==> flow/design.v <==
module shft_p #(
    parameter integer XLEN = 80,
    parameter integer LG = $clog2(XLEN)
) (
    input wire ck,
    input wire aresetn,
    input wire [XLEN-1:0] in,
    input wire [LG-1:0] dist_in,
    output reg [XLEN-1:0] data_out
);
    reg [XLEN-1:0] nxt;
    integer n;
    always @(*) begin
        nxt = in;
        for (n = 0; n < LG; n = n + 1)
            if (dist_in[n]) nxt = nxt >> (1 << n);
    end
    always @(posedge ck) begin
        if (!aresetn) begin
            data_out <= 0;
        end else begin
            data_out <= nxt;
        end
    end
endmodule
* Step by step through the tools: shft_p
The steps from the RTL of shft_p to its reports follow in flow order.
Line numbers count from 1 in the design file above.
Cell names lack the library's common part.
The mark - stands for no value.
- Top module :: shft_p
- Clock :: ck
- Cell library :: sky130hd
- Timing corner :: tt_025C_1v80

* Word-level counts
Yosys after proc, flatten, opt, wreduce and memory -nomap, before mapping. Memory bits, and registers merged into a memory's read port (data or address), are not among the register bits. Print and check cells are not counted. Equal cells are merged and count once.
- Input port bits :: 89
- Output and inout bits :: 80
- Register bits after elaboration :: 80
- Mux-type cells :: 7
- Reductions and logical operators :: 2
- Bitwise logic cells :: 1
** Operator list (number)
- two-way mux 80 bit :: 6
- two-way mux 16 bit :: 1
- OR reduction 3 bit :: 1
- OR reduction 2 bit :: 1
- NOT 1 bit :: 1

* Longest topological paths
Depth = most cells in a row (Yosys ltp): at word level without a register or memory, in the mapped netlist without a sequential cell, where the memories' decode and read muxes count.
- Word-level depth :: 7
- ABC_AREA :: 0
- Depth in mapped cells :: 11

* Mapped cells and area
Source: synth_stat.txt of the flow (Yosys; design flattened, memories mapped). It holds for the ABC_AREA given above (unset counts as 0); a run with the other value may have another netlist.
** Cells by type
- dfxtp_1 :: number 80, total area 1.6E+03 µm²
- mux4_2 :: number 59, total area 1.33E+03 µm²
- mux2i_1 :: number 92, total area 920.883 µm²
- mux2_2 :: number 53, total area 596.822 µm²
- nand2_1 :: number 89, total area 334.07 µm²
- nor2_1 :: number 72, total area 270.259 µm²
- mux4_1 :: number 8, total area 210.202 µm²
- o21ai_0 :: number 38, total area 190.182 µm²
- o22ai_1 :: number 28, total area 175.168 µm²
- clkbuf_1 :: number 29, total area 108.854 µm²
- a21oi_1 :: number 21, total area 105.101 µm²
- o22a_1 :: number 12, total area 105.101 µm²
- buf_2 :: number 16, total area 80.077 µm²
- o221ai_1 :: number 8, total area 70.067 µm²
- o211ai_1 :: number 8, total area 60.058 µm²
- a211o_1 :: number 6, total area 52.55 µm²
- a2bb2oi_1 :: number 6, total area 52.55 µm²
- nor2b_1 :: number 8, total area 50.048 µm²
Other cell types: 38; their cells: 118.
- Cells in the netlist :: 751
- Buffers :: 67
- Mapped flip-flops :: 80
- Mapped area :: 7129.3 µm²

* Worst setup path after synthesis
Source: OpenSTA report_checks on the synthesized netlist (no wires, ideal clock, input and output delay 20% of the period each), path of least setup slack; recovery checks are left aside. Register names are those of the netlist, which keeps one name where synthesis merged equal registers.
- Path kind :: input to register
- From :: in dist_in[0]
- To :: reg data_out[0]
- Buffers on the path :: 4
- Path delay :: 1986 ps
- Setup time :: 125 ps
- Period :: 3100 ps
- Driving pins on the path :: 10
- Input delay :: 620 ps
- Required time :: 2975 ps
- Path slack :: 493 ps
- Arrival time :: 2481 ps
- Synthesis period reached :: 2607 ps
"path delay" = arrival - input delay + setup time.
"driving pins on the path" counts driving pins, that of a launching flip-flop among them; a cell with two outputs on the path counts twice.
"synthesis period reached" = period - worst setup slack (recovery checks aside). The figure is calculated, with input and output delays left at 20% of the set period.
Between the ends stands the longest chain of elaborated cells between them, by number of cells; it is not shown to be the way that was timed. Of several equally long chains one is given.
Each line given opens the expression or statement behind the cell; cells for indexed reads and writes are added by Yosys, which also makes memories of some case tables.
- Cells stage by stage :: buf_6 > buf_12 > buf_12 > buf_6 > mux2_1 > a222oi_1 > nand2_1 > nand2_1 > nor2_1 > o41a_1
- Length of the longest elaborated chain :: 7
** Ends and longest elaborated chain, after synthesis
- start: declaration :: RTL line 8 : input wire [LG-1:0] dist_in,
- two-way mux 80 bit (6 in a row) :: RTL line 16 : if (dist_in[n]) nxt = nxt >> (1 << n);
- two-way mux 16 bit :: RTL line 16
- end: assignment :: RTL line 20 : data_out <= 0;
- end: assignment :: RTL line 22 : data_out <= nxt;
- end: declaration :: RTL line 9 : output reg [XLEN-1:0] data_out

* Timing after layout
From the final timing report of stored run 1: the path of least setup slack in the routed layout; clock arrival at registers is part of the times.
The path's times are printed in steps of 10 ps; the period is the one set.
- Path kind :: input to register
- From :: in dist_in[0]
- To :: reg data_out[7]
- Buffers on the path :: 2
- Arrival time :: 3120 ps
- Input delay :: 620 ps
- Path slack :: 160 ps
- Required time :: 3270 ps
- Setup time :: 150 ps
- Driving pins on the path :: 8
- Period :: 3100 ps
Between the ends stands the longest chain of elaborated cells between them, by number of cells; it is not shown to be the way that was timed. Of several equally long chains one is given.
- Cells stage by stage :: buf_4 > buf_12 > mux4_2 > nand2_1 > o21ai_0 > o21ai_0 > o22a_1 > o221ai_1
- Length of the longest elaborated chain :: 7
** Ends and longest elaborated chain, after layout
- start: declaration :: RTL line 8 : input wire [LG-1:0] dist_in,
- two-way mux 80 bit (6 in a row) :: RTL line 16 : if (dist_in[n]) nxt = nxt >> (1 << n);
- two-way mux 16 bit :: RTL line 16
- end: assignment :: RTL line 20 : data_out <= 0;
- end: assignment :: RTL line 22 : data_out <= nxt;
- end: declaration :: RTL line 9 : output reg [XLEN-1:0] data_out

# Flow runs of shft_p

Measured data: module shft_p, platform sky130hd, 3 stored runs of the flow under differing settings, order arbitrary. Input and output delays are each 20% of the period that was set; the output load is 0.01 pF.
"total power of the final layout": no workload was simulated; the value follows from the tool's default switching activity.

** Stored run 1
- Settings :: period_ns=3.1; CAP_MARGIN=20; CORE_MARGIN=2; CORE_UTILIZATION=40; SLEW_MARGIN=20
- Standard-cell area after layout :: 9589.2 µm²
- Total power of the final layout :: 3.541 mW
- Area of the die :: 18907.6 µm²
- Setup slack of the critical path :: 158 ps
- Utilization after routing :: 0.552
- Worst hold slack in the final report :: 933 ps
- Yosys chip area after synthesis :: 7129.3 µm²

** Stored run 2
- Settings :: period_ns=3.61; CORE_UTILIZATION=56; SETUP_SLACK_MARGIN=0.9; PLACE_DENSITY_LB_ADDON=0.21; CELL_PAD_IN_SITES_GLOBAL_PLACEMENT=3; CELL_PAD_IN_SITES_DETAIL_PLACEMENT=1; TNS_END_PERCENT=50; GPL_TIMING_DRIVEN=0; MIN_ROUTING_LAYER=met1; CAP_MARGIN=20; CORE_MARGIN=2; SLEW_MARGIN=20
- Outcome :: incomplete, placement halted on FLW-0024

** Stored run 3
- Settings :: period_ns=2.03; CORE_UTILIZATION=45; PLACE_DENSITY_LB_ADDON=0.24; TNS_END_PERCENT=40; GPL_ROUTABILITY_DRIVEN=0; CTS_CLUSTER_SIZE=32; CAP_MARGIN=20; MAX_ROUTING_LAYER=met4; CORE_MARGIN=2; SLEW_MARGIN=20
- Total power of the final layout :: 6.390 mW
- Setup slack of the critical path :: -42 ps
- Utilization after routing :: 0.744
- Area of the die :: 16866.2 µm²
- Yosys chip area after synthesis :: 7129.3 µm²
- Standard-cell area after layout :: 11653.7 µm²
- Worst hold slack in the final report :: 641 ps
